==> flow/design.v <==
module core_regfile_mod #(
  parameter NWORDS = 6,
  parameter DW = 32,
  parameter ABITS = $clog2(NWORDS)
) (
  input  logic core_clk,
  input  logic nrst,
  input  logic wr_en,
  input  logic [ABITS-1:0] waddr,
  input  logic [DW-1:0] din,
  input  logic [ABITS-1:0] read_addr1,
  input  logic [ABITS-1:0] read_addr2,
  output logic [DW-1:0] rd_data1,
  output logic [DW-1:0] rd_data2
);
  logic r_wr_en;
  logic [ABITS-1:0] r_waddr;
  logic [DW-1:0] r_din;
  always_ff @(posedge core_clk) begin
    if (!nrst) begin
      r_wr_en <= 1'b0;
      r_waddr <= '0;
      r_din <= '0;
    end else begin
      r_wr_en <= wr_en;
      r_waddr <= waddr;
      r_din <= din;
    end
  end
  logic [DW-1:0] rf [0:NWORDS-1];
  always_ff @(posedge core_clk) begin
    if (!nrst) begin
      for (int n = 0; n < NWORDS; n++)
        rf[n] <= '0;
    end else if (r_wr_en) begin
      rf[r_waddr] <= r_din;
    end
  end
  logic [ABITS-1:0] r_read_addr1;
  logic [ABITS-1:0] r_read_addr2;
  always_ff @(posedge core_clk) begin
    if (!nrst) begin
      r_read_addr1 <= '0;
      r_read_addr2 <= '0;
      rd_data1 <= '0;
      rd_data2 <= '0;
    end else begin
      r_read_addr1 <= read_addr1;
      r_read_addr2 <= read_addr2;
      rd_data1 <= rf[r_read_addr1];
      rd_data2 <= rf[r_read_addr2];
    end
  end
endmodule
# From RTL to reports: core_regfile_mod
# The steps from the RTL of core_regfile_mod to its reports follow in flow order.
# Line numbers count from 1 in the design file above.
# Operators: Yosys type, input widths -> output width; for muxes data width and select width s.
# A cell with - has no value.
# design
top_module,core_regfile_mod
clock_port,core_clk
lib,sky130hd
pvt_corner,tt_025C_1v80

# After elaboration
# Source: Yosys, flattened and elaborated, memories not mapped. Widths are those after wreduce; folded enables and synchronous resets count as part of the registers. Registers that Yosys merges into a memory's read port (data or address) are not register bits. Print and check cells do not count.
# Yosys's memory passes give these memory sizes; they may raise the number of words (mostly to a power of two), join words into wider ones and drop unused or constant bits.
# word_totals
romBits,0
output_inout_bits,64
wordCells,19
ram_bits,256
n_memories,1
regBits,42
input_bits,44
latchBits,0
# mem_list
memory,words,width,line_no,rtl
rf,8,32,30,logic [DW-1:0] rf [0:NWORDS-1];
# classes
shift,0
muxes,10
add_sub_neg,0
n_eq,0
multipliers,0
compare,0
reduce_and_logical,3
logic,0
n_div,0
# op_table
operator,count
$mux 32,3
$reduce_or 32->1,1
$mux 3,3
$mux 1,4
$logic_not 1->1,2

# Depth
# Longest topological path by Yosys (ltp), each cell counted once; first at word level (registers and memories cut), then after technology mapping (sequential cells cut; the memories' decode and read muxes count).
# logic_depth
word_depth,4
abc_area,1
mapped_depth,8
depth_no_buf,6

# Netlist
# The flow's flattened synthesis, as Yosys stat reports it; memories are mapped. The netlist is that of the ABC_AREA named above (0 if unset); the other value can give another one.
# Totals and module areas in this step are rounded.
# synth_totals
mapped_area_um2,17200
n_buf,127
sequential_area_um2,9810
mapped_cells,2171
flip_flops,362
# types
cell,count,type_area_um2
sky130_fd_sc_hd__edfxtp_1,256,7.69E+03
sky130_fd_sc_hd__nand2_1,723,2.71E+03
sky130_fd_sc_hd__dfxtp_1,106,2.12E+03
sky130_fd_sc_hd__nand3_1,321,1.61E+03
sky130_fd_sc_hd__inv_1,336,1261.21
sky130_fd_sc_hd__nor2_1,291,1.09E+03
sky130_fd_sc_hd__buf_2,87,435.418
sky130_fd_sc_hd__buf_4,10,75.072
sky130_fd_sc_hd__clkbuf_1,17,63.811
sky130_fd_sc_hd__buf_1,13,48.797
sky130_fd_sc_hd__nand2_2,2,12.512
sky130_fd_sc_hd__nand2_4,1,11.261
sky130_fd_sc_hd__nor3_2,1,10.01
sky130_fd_sc_hd__inv_2,2,7.507
sky130_fd_sc_hd__inv_4,1,6.256
sky130_fd_sc_hd__nor2_2,1,6.256
sky130_fd_sc_hd__a21oi_1,1,5.005
sky130_fd_sc_hd__o21ai_0,1,5.005
sky130_fd_sc_hd__o21ai_1,1,5.005

# Path before layout
# OpenSTA on the mapped netlist: ideal clock, no wires. The path of least setup slack (recovery checks aside). Input and output delay are each 20% of the period. Register names are those of the netlist, which keeps one name where synthesis merged equal registers.
# synth_timing
path_kind,input to register
from,input port nrst
to,memory rf[4][0]
n_path_buf,1
required_ns,4.194
path_delay_ns,3.167
stages,6
setup_time_ns,0.466
in_delay_ns,0.932
slack_ns,0.561
t_arrival_ns,3.633
launch_ns,0.932
tclk_ns,4.66
synth_period_reached_ns,4.099
# "path_delay_ns" = arrival - input delay + setup time.
# "stages": output pins that drive a net of the path, with the launching flip-flop's if there is one; two outputs of one cell count as two.
# "synth_period_reached_ns" is the clock period less the worst setup slack; recovery checks do not enter. This is arithmetic on one report: input and output delays are still those of the set period (20% each).
# The rows between start and end are the longest chain of elaborated cells between them; the timing report does not say that the signal goes this way. Where chains are equally long, one stands for them.
# A line is the first line of the expression or statement that the cell stems from. Yosys adds cells for indexed reads and writes and turns some case tables into memories.
# The path ends at the enable pin of a flip-flop; only ways to that pin are counted.
# synth_between
cell_sequence,sky130_fd_sc_hd__buf_4 -> sky130_fd_sc_hd__nand2_4 -> sky130_fd_sc_hd__inv_4 -> sky130_fd_sc_hd__o21ai_1 -> sky130_fd_sc_hd__inv_1 -> sky130_fd_sc_hd__o21ai_0
elab_chain_len,3
cells_between,6
cone_lines,1
cone_classes,5 x mux; 1 x reduce/logical
# synth_rtl
element,line_no,rtl
from (decl),7,"input  logic nrst,"
$mux 1,32,if (!nrst) begin
$reduce_or 32->1,-,
$mux 3,-,
to (decl),30,logic [DW-1:0] rf [0:NWORDS-1];

# Path in the finished layout
# From the final timing report of flow run A: the path of least setup slack in the routed layout; clock arrival at registers is part of the times.
# layout_timing
path_kind,register to register
from,register r_read_addr1[1]
to,register rd_data1[18]
slack_ns,0.97
n_path_buf,1
t_arrival_ns,2.51
launch_ns,0.55
tclk_ns,3.07
setup_time_ns,0.14
required_ns,3.48
stages,6
# layout_between
cell_sequence,sky130_fd_sc_hd__dfxtp_2 -> sky130_fd_sc_hd__buf_4 -> sky130_fd_sc_hd__nand3_1 -> sky130_fd_sc_hd__nand2_1 -> sky130_fd_sc_hd__nor2_1 -> sky130_fd_sc_hd__nor2_1
# layout_rtl
element,line_no,rtl
from (decl),39,logic [ABITS-1:0] r_read_addr1;
from (assign),43,r_read_addr1 <= '0;
from (assign),48,r_read_addr1 <= read_addr1;
to (decl),13,"output logic [DW-1:0] rd_data1,"
# Chain of elaborated cells between the ends: none given.

# core_regfile_mod through Yosys and OpenROAD on sky130hd: 3 stored runs, unordered, with their settings and measured results. The constraints put input and output delay at 20% of the set period each and load the outputs with 0.01 pF.
# "period_reached_ns" is the run's clock period less its worst setup slack. It is reckoned from that one timing run; input and output delays stay at 20% of the period that was set.
# "critical_path_time_ns" = time allowed to the worst setup path (clock period - input delay - output delay, where it has them) - its slack; a late launch clock adds to it, a late capture clock takes from it.
# "power.total_w" rests on the timing tool's default activity at the inputs, not on a simulated workload.
# The results are shown rounded.
# Among the settings, -- means not set for that run.
run,period_ns,CORE_UTILIZATION,CORE_ASPECT_RATIO,CORE_MARGIN,TNS_END_PERCENT,ABC_AREA,CTS_CLUSTER_SIZE,MIN_ROUTING_LAYER,CAP_MARGIN,SLEW_MARGIN,PLACE_DENSITY_LB_ADDON,CELL_PAD_IN_SITES_GLOBAL_PLACEMENT,MAX_ROUTING_LAYER,synth_area_um2,dieArea_um2,cell_area_final_um2,post_route_util_pct,ws_setup_ns,total_negative_slack_ns,ws_hold_ns,power.total_w,period_reached_ns,critical_path_time_ns,critical_path_kind
flow run A,3.07,51,1.06,3,65,1,82,met2,20,20,--,--,--,17200,35900,20000,60.6,0.969,0.000,0.576,0.0117,2.101,2.10,register to register
flow run B,2.87,51,--,2,90,1,57,--,20,20,0.12,1,met5,17200,35200,20200,60.4,0.764,0.000,0.565,0.0127,2.106,1.53,register to output
flow run C,4.66,40,--,2,--,--,--,--,20,20,--,--,--,15400,40100,18300,48.3,2.01,0.000,0.654,0.00736,2.651,1.72,input to register
